==> flow/design.v <==
module sync_alu_arith #(
  parameter DATA_W = 8
) (
  input clk,
  input RST,
  input en,
  input [DATA_W-1:0] arg0,
  input [DATA_W-1:0] arg1,
  input mode,
  output [DATA_W:0] result
);
  reg [DATA_W-1:0] arg0_r;
  reg [DATA_W-1:0] arg1_r;
  reg mode_r;
  always @(posedge clk) begin
    if (RST) begin
      arg0_r <= 0;
      arg1_r <= 0;
      mode_r <= 1'b0;
    end else if (en) begin
      arg0_r <= arg0;
      arg1_r <= arg1;
      mode_r <= mode;
    end
  end
  assign result = mode_r ? arg0_r - arg1_r : arg0_r + arg1_r;
endmodule
[Reports on sync_alu_arith]
What the tools print for sync_alu_arith, step after step.
Lines are those of the file above, counted from 1.
Library cell names are shortened.
The mark -- stands for no value.
Set-up
  design top: sync_alu_arith
  clock: clk
  library: sky130hd
  library corner: tt_025C_1v80

[Elaborated design]
Counts by Yosys on the flattened word-level netlist (proc, flatten, opt, wreduce; memories kept). Register bits leave out memories and registers merged into their read ports (data or address); mux counts leave out enables and synchronous resets folded into registers. Print and check cells are left out. Cells with the same type and inputs are merged into one.
Cells by class
  add/sub/neg operators: 2
  muxes and demuxes: 1
Operators with widths (count)
  adder 8 x 8 -> 9 bit: 1
  subtractor 8 x 8 -> 9 bit: 1
  two-way mux 9 bit: 1
Word-level totals
  register bits after elaboration: 17
  bits of input ports: 20
  output and inout port bits: 9
  word-level cells: 6

[Logic depth]
Yosys ltp: most cells in a row. Word level: on the elaborated netlist, between registers, memories and ports. Mapped: between sequential cells and ports; inverters and the memories' decode and read muxes count.
Logic depth
  depth after elaboration: 2
  ABC_AREA: 0
  depth in mapped cells: 10
  depth with buffers taken out: 10

[Synthesis result]
The flow's flattened synthesis, as Yosys stat reports it; memories are mapped. The netlist is that of the ABC_AREA named above (0 if unset); the other value can give another one.
Mapped netlist
  cells in the netlist: 130
  chip area (Yosys): 1128.6 µm²
  sequential part of the area: 340.3 µm²
  flip-flop cells: 17
  buffer cells: 5
Cell types
  dfxtp_1: count 17, area in all 340.326 µm²
  mux2i_1: count 18, area in all 180.173 µm²
  ha_1: count 9, area in all 112.608 µm²
  nor2_1: count 27, area in all 101.347 µm²
  xnor2_1: count 8, area in all 70.067 µm²
  inv_1: count 9, area in all 33.782 µm²
  a21oi_1: count 6, area in all 30.029 µm²
  nor2b_4: count 2, area in all 27.526 µm²
  o21a_1: count 3, area in all 22.522 µm²
  or4_1: count 3, area in all 22.522 µm²
  fa_1: count 1, area in all 20.019 µm²
  nor3_1: count 4, area in all 20.019 µm²
  o31a_1: count 2, area in all 17.517 µm²
  o21ai_0: count 3, area in all 15.014 µm²
  mux2_2: count 1, area in all 11.261 µm²
  buf_2: count 2, area in all 10.01 µm²
  nand3_1: count 2, area in all 10.01 µm²
  or4b_1: count 1, area in all 10.01 µm²
Not listed: further types 11, cells in them 12.

[Worst setup path after synthesis]
OpenSTA on the mapped netlist: ideal clock, no wires. The path of least setup slack (recovery checks aside). Input and output delay are each 20% of the period. Register names are those of the netlist, which keeps one name where synthesis merged equal registers.
Timing path after synthesis
  path type: reg2out
  from: reg arg1_r[0]
  to: out result[5]
  period: 3.44 ns
  external output delay: 0.688 ns
  time at the first pin: 0.000 ns
  arrival time: 2.200 ns
  data required time: 2.752 ns
  setup slack: 0.552 ns
  delay of the path: 2.200 ns
  stages on the path: 10
  path buffers: 0
  synthesis period reached: 2.888 ns
"delay of the path" is the arrival time less input delay plus setup time.
At an output port there is no setup time.
"stages on the path": output pins that drive a net of the path, with the launching flip-flop's if there is one; two outputs of one cell count as two.
"synthesis period reached" is the clock period less the worst setup slack; recovery checks do not enter. This is arithmetic on one report: input and output delays are still those of the set period (20% each).
The rows between start and end are the longest chain of elaborated cells between them; the timing report does not say that the signal goes this way. Where chains are equally long, one stands for them.
A line is the first line of the expression or statement that the cell stems from. Yosys adds cells for indexed reads and writes and turns some case tables into memories.
On the way, after synthesis
  path through: dfxtp_1 > inv_1 > ha_1 > mux2_2 > inv_1 > ha_1 > nor2b_4 > o31a_1 > or4b_1 > nand3_1
  cells in the longest elaborated chain: 2
  elaborated cells on any way between the ends: 3
  source lines of those cells: 1
  classes of those cells: 2 x add/sub; 1 x mux
Ends and longest elaborated chain, after synthesis
  start, declared: line 13  | reg [DATA_W-1:0] arg1_r;
  start, assigned: line 18  | arg1_r <= 0;
  start, assigned: line 22  | arg1_r <= arg1;
  adder 8 x 8 -> 9 bit: line 26  | assign result = mode_r ? arg0_r - arg1_r : arg0_r + arg1_r;
  two-way mux 9 bit: line 26
  end, declared: line 10  | output [DATA_W:0] result

[Worst path after layout]
From the final timing report of flow run 1: the path of least setup slack in the routed layout; clock arrival at registers is part of the times.
Timing path after layout
  path type: reg2out
  from: reg arg1_r[1]
  to: out result[8]
  period: 2.84 ns
  external output delay: 0.57 ns
  time at the first pin: 0.29 ns
  arrival time: 2.54 ns
  data required time: 2.27 ns
  setup slack: -0.27 ns
  stages on the path: 12
  path buffers: 3
The rows between start and end are the longest chain of elaborated cells between them; the timing report does not say that the signal goes this way. Where chains are equally long, one stands for them.
On the way, after layout
  path through: dfxtp_2 > inv_2 > ha_4 > mux2_4 > buf_6 > fa_2 > nor2b_4 > o31a_1 > buf_4 > o22ai_2 > xor2_1 > buf_2
  cells in the longest elaborated chain: 2
  elaborated cells on any way between the ends: 3
  source lines of those cells: 1
  classes of those cells: 2 x add/sub; 1 x mux
Ends and longest elaborated chain, after layout
  start, declared: line 13  | reg [DATA_W-1:0] arg1_r;
  start, assigned: line 18  | arg1_r <= 0;
  start, assigned: line 22  | arg1_r <= arg1;
  adder 8 x 8 -> 9 bit: line 26  | assign result = mode_r ? arg0_r - arg1_r : arg0_r + arg1_r;
  two-way mux 9 bit: line 26
  end, declared: line 10  | output [DATA_W:0] result

FLOW RESULTS
============

Record of 3 stored runs of the RTL-to-layout flow on sync_alu_arith, platform sky130hd. The runs are unordered. Constraints: input delay and output delay 20% of the set period each, output load 0.01 pF.
"worst setup path time" is the time allowed to the run's worst setup path (the clock period less input and output delay, where it has them) less its slack. Clock arrival times count: a late capture clock shortens it, a late launch clock lengthens it.
"power": no workload was simulated; the value follows from the tool's default switching activity.

Flow run 1
==> flow/run.sh <==
#!/bin/bash
# the make line also repeats the synthesis and layout settings of config.mk as NAME=value (left out here)
make -C /OpenROAD-flow-scripts/flow DESIGN_CONFIG=/design/flow/config.mk WORK_HOME=/design/flow/orfs CLKGATE_MAP_FILE= finish
==> flow/config.mk <==
export PLATFORM = sky130hd
export DESIGN_NAME = sync_alu_arith
export DESIGN_NICKNAME = sync_alu_arith
export VERILOG_FILES = /design/flow/design.v
export SDC_FILE = /design/flow/constraint.sdc
export NUM_CORES = 4
export LEC_CHECK = 0
export ABC_AREA = 0
export CAP_MARGIN = 25
export CORE_MARGIN = 2
export CORE_UTILIZATION = 42
export GPL_TIMING_DRIVEN = 0
export MAX_ROUTING_LAYER = met5
export PLACE_DENSITY_LB_ADDON = 0.07
export SETUP_SLACK_MARGIN = 0.16
export SLEW_MARGIN = 20
export TNS_END_PERCENT = 80
==> flow/constraint.sdc <==
create_clock -name core_clock -period 2.84 [get_ports {clk}]
set_input_delay 0.5680 -clock core_clock [delete_from_list [all_inputs] [get_ports {clk}]]
set_output_delay 0.5680 -clock core_clock [all_outputs]
set_load 0.01 [all_outputs]

==> results of flow run 1 <==
chip area after synthesis (Yosys): 1128.6 µm²
die area: 3117.6 µm²
standard-cell area of the final layout: 1630.3 µm²
utilization: 64.6%
worst setup slack after layout: -0.269 ns
worst hold slack: 0.501 ns
power: 0.0008193 W
worst setup path time: 2.54 ns
worst setup path kind: reg2out

Flow run 2
==> flow/run.sh <==
#!/bin/bash
# the make line also repeats the synthesis and layout settings of config.mk as NAME=value (left out here)
make -C /OpenROAD-flow-scripts/flow DESIGN_CONFIG=/design/flow/config.mk WORK_HOME=/design/flow/orfs CLKGATE_MAP_FILE= finish
==> flow/config.mk <==
export PLATFORM = sky130hd
export DESIGN_NAME = sync_alu_arith
export DESIGN_NICKNAME = sync_alu_arith
export VERILOG_FILES = /design/flow/design.v
export SDC_FILE = /design/flow/constraint.sdc
export NUM_CORES = 4
export LEC_CHECK = 0
export CAP_MARGIN = 20
export CORE_MARGIN = 2
export CORE_UTILIZATION = 40
export SLEW_MARGIN = 20
==> flow/constraint.sdc <==
create_clock -name core_clock -period 3.44 [get_ports {clk}]
set_input_delay 0.6880 -clock core_clock [delete_from_list [all_inputs] [get_ports {clk}]]
set_output_delay 0.6880 -clock core_clock [all_outputs]
set_load 0.01 [all_outputs]

==> results of flow run 2 <==
chip area after synthesis (Yosys): 1128.6 µm²
die area: 3262.1 µm²
standard-cell area of the final layout: 1541.5 µm²
utilization: 56.9%
worst setup slack after layout: 0.111 ns
worst hold slack: 0.502 ns
power: 0.0006601 W
worst setup path time: 2.64 ns
worst setup path kind: reg2out

Flow run 3
==> flow/run.sh <==
#!/bin/bash
# the make line also repeats the synthesis and layout settings of config.mk as NAME=value (left out here)
make -C /OpenROAD-flow-scripts/flow DESIGN_CONFIG=/design/flow/config.mk WORK_HOME=/design/flow/orfs CLKGATE_MAP_FILE= finish
==> flow/config.mk <==
export PLATFORM = sky130hd
export DESIGN_NAME = sync_alu_arith
export DESIGN_NICKNAME = sync_alu_arith
export VERILOG_FILES = /design/flow/design.v
export SDC_FILE = /design/flow/constraint.sdc
export NUM_CORES = 4
export LEC_CHECK = 0
export CAP_MARGIN = 20
export CORE_MARGIN = 2
export CORE_UTILIZATION = 50
export GPL_ROUTABILITY_DRIVEN = 0
export GPL_TIMING_DRIVEN = 1
export HOLD_SLACK_MARGIN = -0.0
export SETUP_SLACK_MARGIN = 0.17
export SLEW_MARGIN = 20
export TNS_END_PERCENT = 65
==> flow/constraint.sdc <==
create_clock -name core_clock -period 4.55 [get_ports {clk}]
set_input_delay 0.9100 -clock core_clock [delete_from_list [all_inputs] [get_ports {clk}]]
set_output_delay 0.9100 -clock core_clock [all_outputs]
set_load 0.01 [all_outputs]

==> results of flow run 3 <==
chip area after synthesis (Yosys): 1128.6 µm²
die area: 2653.3 µm²
standard-cell area of the final layout: 1450.1 µm²
utilization: 66.8%
worst setup slack after layout: 0.533 ns
worst hold slack: 0.505 ns
power: 0.0004844 W
worst setup path time: 3.11 ns
worst setup path kind: reg2out
